==> flow/design.v <==
module times #(
    parameter DW = 28,
    parameter G = 2
) (
    input  logic clk,
    input  logic [DW-1:0] opa,
    input  logic [DW-1:0] opb,
    input  logic load,
    output logic [2*DW+G-1:0] mul
);
    logic [DW-1:0] r_opa;
    logic [DW-1:0] r_opb;
    logic r_load;
    logic [2*DW-1:0] r_cur;
    logic r_load_d;
    logic [2*DW+G-1:0] acc;
    always_ff @(posedge clk) begin
        r_opa <= opa;
        r_opb <= opb;
        r_load <= load;
        r_cur <= r_opa * r_opb;
        r_load_d <= r_load;
        acc <= r_load_d ? r_cur : acc + r_cur;
    end
    assign mul = acc;
endmodule
# ---- Step by step through the tools: times
# The steps from the RTL of times to its reports follow in flow order.
# Lines are those of the file above, counted from 1.
# Library cell names are shortened.
# Not given: --
dict set report inputs {
  top_module {times}
  clock_port {clk}
  library {sky130hd}
  lib_corner {tt_025C_1v80}
}

# ---- Word-level counts
# Yosys after proc, flatten, opt, wreduce and memory -nomap, before mapping. Enables and synchronous resets that opt folds into registers are not counted as muxes. Memory bits, and registers merged into a memory's read port (data or address), are not among the register bits. Print and check cells are not counted. Equal cells are merged and count once.
dict set report classes {
  addsub 1
  n_mul 1
  n_mux 1
}
# op n
set op_table {}
lappend op_table {{28-bit by 28-bit multiplier with 56-bit output} 1}
lappend op_table {{58-bit by 56-bit adder with 58-bit output} 1}
lappend op_table {{56-bit two-way mux} 1}
dict set report word_totals {
  register_bits 172
  in_bits 58
  out_inout_bits 58
  wordCells 10
}

# ---- Logic depth
# Yosys ltp: most cells in a row. Word level: on the elaborated netlist, between registers, memories and ports. Mapped: between sequential cells and ports; inverters and the memories' decode and read muxes count.
dict set report logic_depth {
  ltp_word 2
  ABC_AREA 0
  ltp_mapped 28
  ltp_nobuf 25
}

# ---- Synthesis result
# The flow's flattened synthesis, as Yosys stat reports it; memories are mapped. The netlist is that of the ABC_AREA named above (0 if unset); the other value can give another one.
# type n type_area_um2
set by_type {}
lappend by_type {fa_1 675 1.35E+04}
lappend by_type {dfxtp_1 172 3.44E+03}
lappend by_type {ha_1 266 3.33E+03}
lappend by_type {inv_1 806 3.03E+03}
lappend by_type {and2_1 395 2471.12}
lappend by_type {nand2_1 536 2011.93}
lappend by_type {clkbuf_1 227 852.067}
lappend by_type {a21oi_1 122 610.586}
lappend by_type {o21ai_0 106 530.509}
lappend by_type {xnor2_1 54 472.954}
lappend by_type {a21o_1 61 457.939}
lappend by_type {nor2_1 83 311.549}
lappend by_type {xor2_1 35 306.544}
lappend by_type {o21bai_1 27 202.694}
lappend by_type {nand4_1 32 200.192}
lappend by_type {nand3_1 33 165.158}
lappend by_type {o21a_1 17 127.622}
lappend by_type {a211oi_1 16 120.115}
# Other cell types: 56; their cells: 188.
dict set report mapped {
  mapped_cells 3851
  synth_area_um2 33578.5
  seqArea_um2 3443.3
  flip_flops 172
}

# ---- Worst setup path after synthesis
# Source: OpenSTA report_checks on the synthesized netlist (no wires, ideal clock, input and output delay 20% of the period each), path of least setup slack; recovery checks are left aside. Register names are those of the netlist, which keeps one name where synthesis merged equal registers.
dict set report synth_path {
  kind {register to register}
  start {register r_opb[4]}
  end {register r_cur[48]}
  clock_period_ns 8.73
  setup_ns 0.064
  launch_ns 0.000
  arrival_time_ns 6.918
  slack_ns 1.749
  path_delay_ns 6.982
  driving_pins 27
  n_path_buf 3
  synth_period_reached_ns 6.981
}
# "path_delay_ns" = arrival - input delay + setup time.
# "driving_pins" counts driving pins, that of a launching flip-flop among them; a cell with two outputs on the path counts twice.
# "synth_period_reached_ns" is the clock period less the worst setup slack; recovery checks do not enter. This is arithmetic on one report: input and output delays are still those of the set period (20% each).
# The rows between start and end are the longest chain of elaborated cells between them; the timing report does not say that the signal goes this way. Where chains are equally long, one stands for them.
# A line is the first line of the expression or statement that the cell stems from. Yosys adds cells for indexed reads and writes and turns some case tables into memories.
dict set report synth_between {
  path_cell_list {dfxtp_1 > clkbuf_1 > clkbuf_1 > nand2_1 > fa_1 > inv_1 > fa_1 > inv_1 > fa_1 > inv_1 > fa_1 > inv_1 > fa_1 > inv_1 > fa_1 > inv_1 > fa_1 > inv_1 > ha_1 > clkbuf_1 > nand2_1 > or4_1 > o211a_1 > o31a_2 > a2bb2oi_1 > or3_1 > nand4_1}
  elab_chain_len 1
  cells_between 1
  lines_between 1
}
# element line_no
set synth_lines {}
lappend synth_lines {{start: declaration} 12} ;# logic [DW-1:0] r_opb;
lappend synth_lines {{start: assignment} 19} ;# r_opb <= opb;
lappend synth_lines {{28-bit by 28-bit multiplier with 56-bit output} 21} ;# r_cur <= r_opa * r_opb;
lappend synth_lines {{end: assignment} 21}
lappend synth_lines {{end: declaration} 14} ;# logic [2*DW-1:0] r_cur;

# ---- Worst path after layout
# From the final timing report of entry A: the path of least setup slack in the routed layout; clock arrival at registers is part of the times.
dict set report layout_path {
  kind {register to register}
  start {register r_opa[14]}
  end {register r_cur[48]}
  clock_period_ns 6.97
  setup_ns 0.05
  launch_ns 0.53
  arrival_time_ns 7.29
  slack_ns 0.15
  driving_pins 25
  n_path_buf 3
}
# The rows between start and end are the longest chain of elaborated cells between them; the timing report does not say that the signal goes this way. Where chains are equally long, one stands for them.
dict set report layout_between {
  path_cell_list {dfxtp_2 > buf_12 > buf_6 > nand2_1 > fa_1 > inv_1 > fa_1 > inv_2 > fa_2 > inv_1 > fa_1 > inv_1 > fa_1 > fa_2 > fa_1 > inv_1 > ha_4 > nand2_4 > or4_4 > o211a_1 > o31a_2 > a2bb2oi_2 > buf_4 > or3_1 > nand4_1}
  elab_chain_len 1
  cells_between 1
  lines_between 1
}
# element line_no
set layout_lines {}
lappend layout_lines {{start: declaration} 11} ;# logic [DW-1:0] r_opa;
lappend layout_lines {{start: assignment} 18} ;# r_opa <= opa;
lappend layout_lines {{28-bit by 28-bit multiplier with 56-bit output} 21} ;# r_cur <= r_opa * r_opb;
lappend layout_lines {{end: assignment} 21}
lappend layout_lines {{end: declaration} 14} ;# logic [2*DW-1:0] r_cur;

; Measured data: module times, platform sky130hd, 3 stored runs of the flow under differing settings, order arbitrary. Input and output delays are each 20% of the period that was set; the output load is 0.01 pF.

[entry A: settings]
period_ns = 6.97
CORE_UTILIZATION = 30
PLACE_DENSITY_LB_ADDON = 0.18
CORE_MARGIN = 6
CELL_PAD_IN_SITES_GLOBAL_PLACEMENT = 0
CELL_PAD_IN_SITES_DETAIL_PLACEMENT = 1
GPL_ROUTABILITY_DRIVEN = 0
CTS_CLUSTER_SIZE = 73
CAP_MARGIN = 40
SLEW_MARGIN = 20
[entry A: results]
final_cell_area_um2 = 40296.1
util_pct = 36.4
timing.setup.ws_ns = 0.149
hold_worst_slack_ns = 0.337
final_setup_tns_ns = 0.000
final_die_area_um2 = 120100.0
yosys.chip_area_um2 = 33578.5

[entry B: settings]
period_ns = 8.73
CAP_MARGIN = 20
CORE_MARGIN = 2
CORE_UTILIZATION = 40
SLEW_MARGIN = 20
[entry B: results]
final_cell_area_um2 = 36317.3
util_pct = 43.5
timing.setup.ws_ns = 0.932
hold_worst_slack_ns = 0.330
final_setup_tns_ns = 0.000
final_die_area_um2 = 86280.3
yosys.chip_area_um2 = 33578.5

[entry C: settings]
period_ns = 11.6
CORE_UTILIZATION = 42
SETUP_SLACK_MARGIN = 0.79
PLACE_DENSITY_LB_ADDON = 0.15
CORE_ASPECT_RATIO = 1.17
CAP_MARGIN = 30
MIN_ROUTING_LAYER = met1
CORE_MARGIN = 2
SLEW_MARGIN = 20
[entry C: results]
final_cell_area_um2 = 36163.4
util_pct = 45.5
timing.setup.ws_ns = 4.028
hold_worst_slack_ns = 0.327
final_setup_tns_ns = 0.000
final_die_area_um2 = 82234.4
yosys.chip_area_um2 = 33578.5
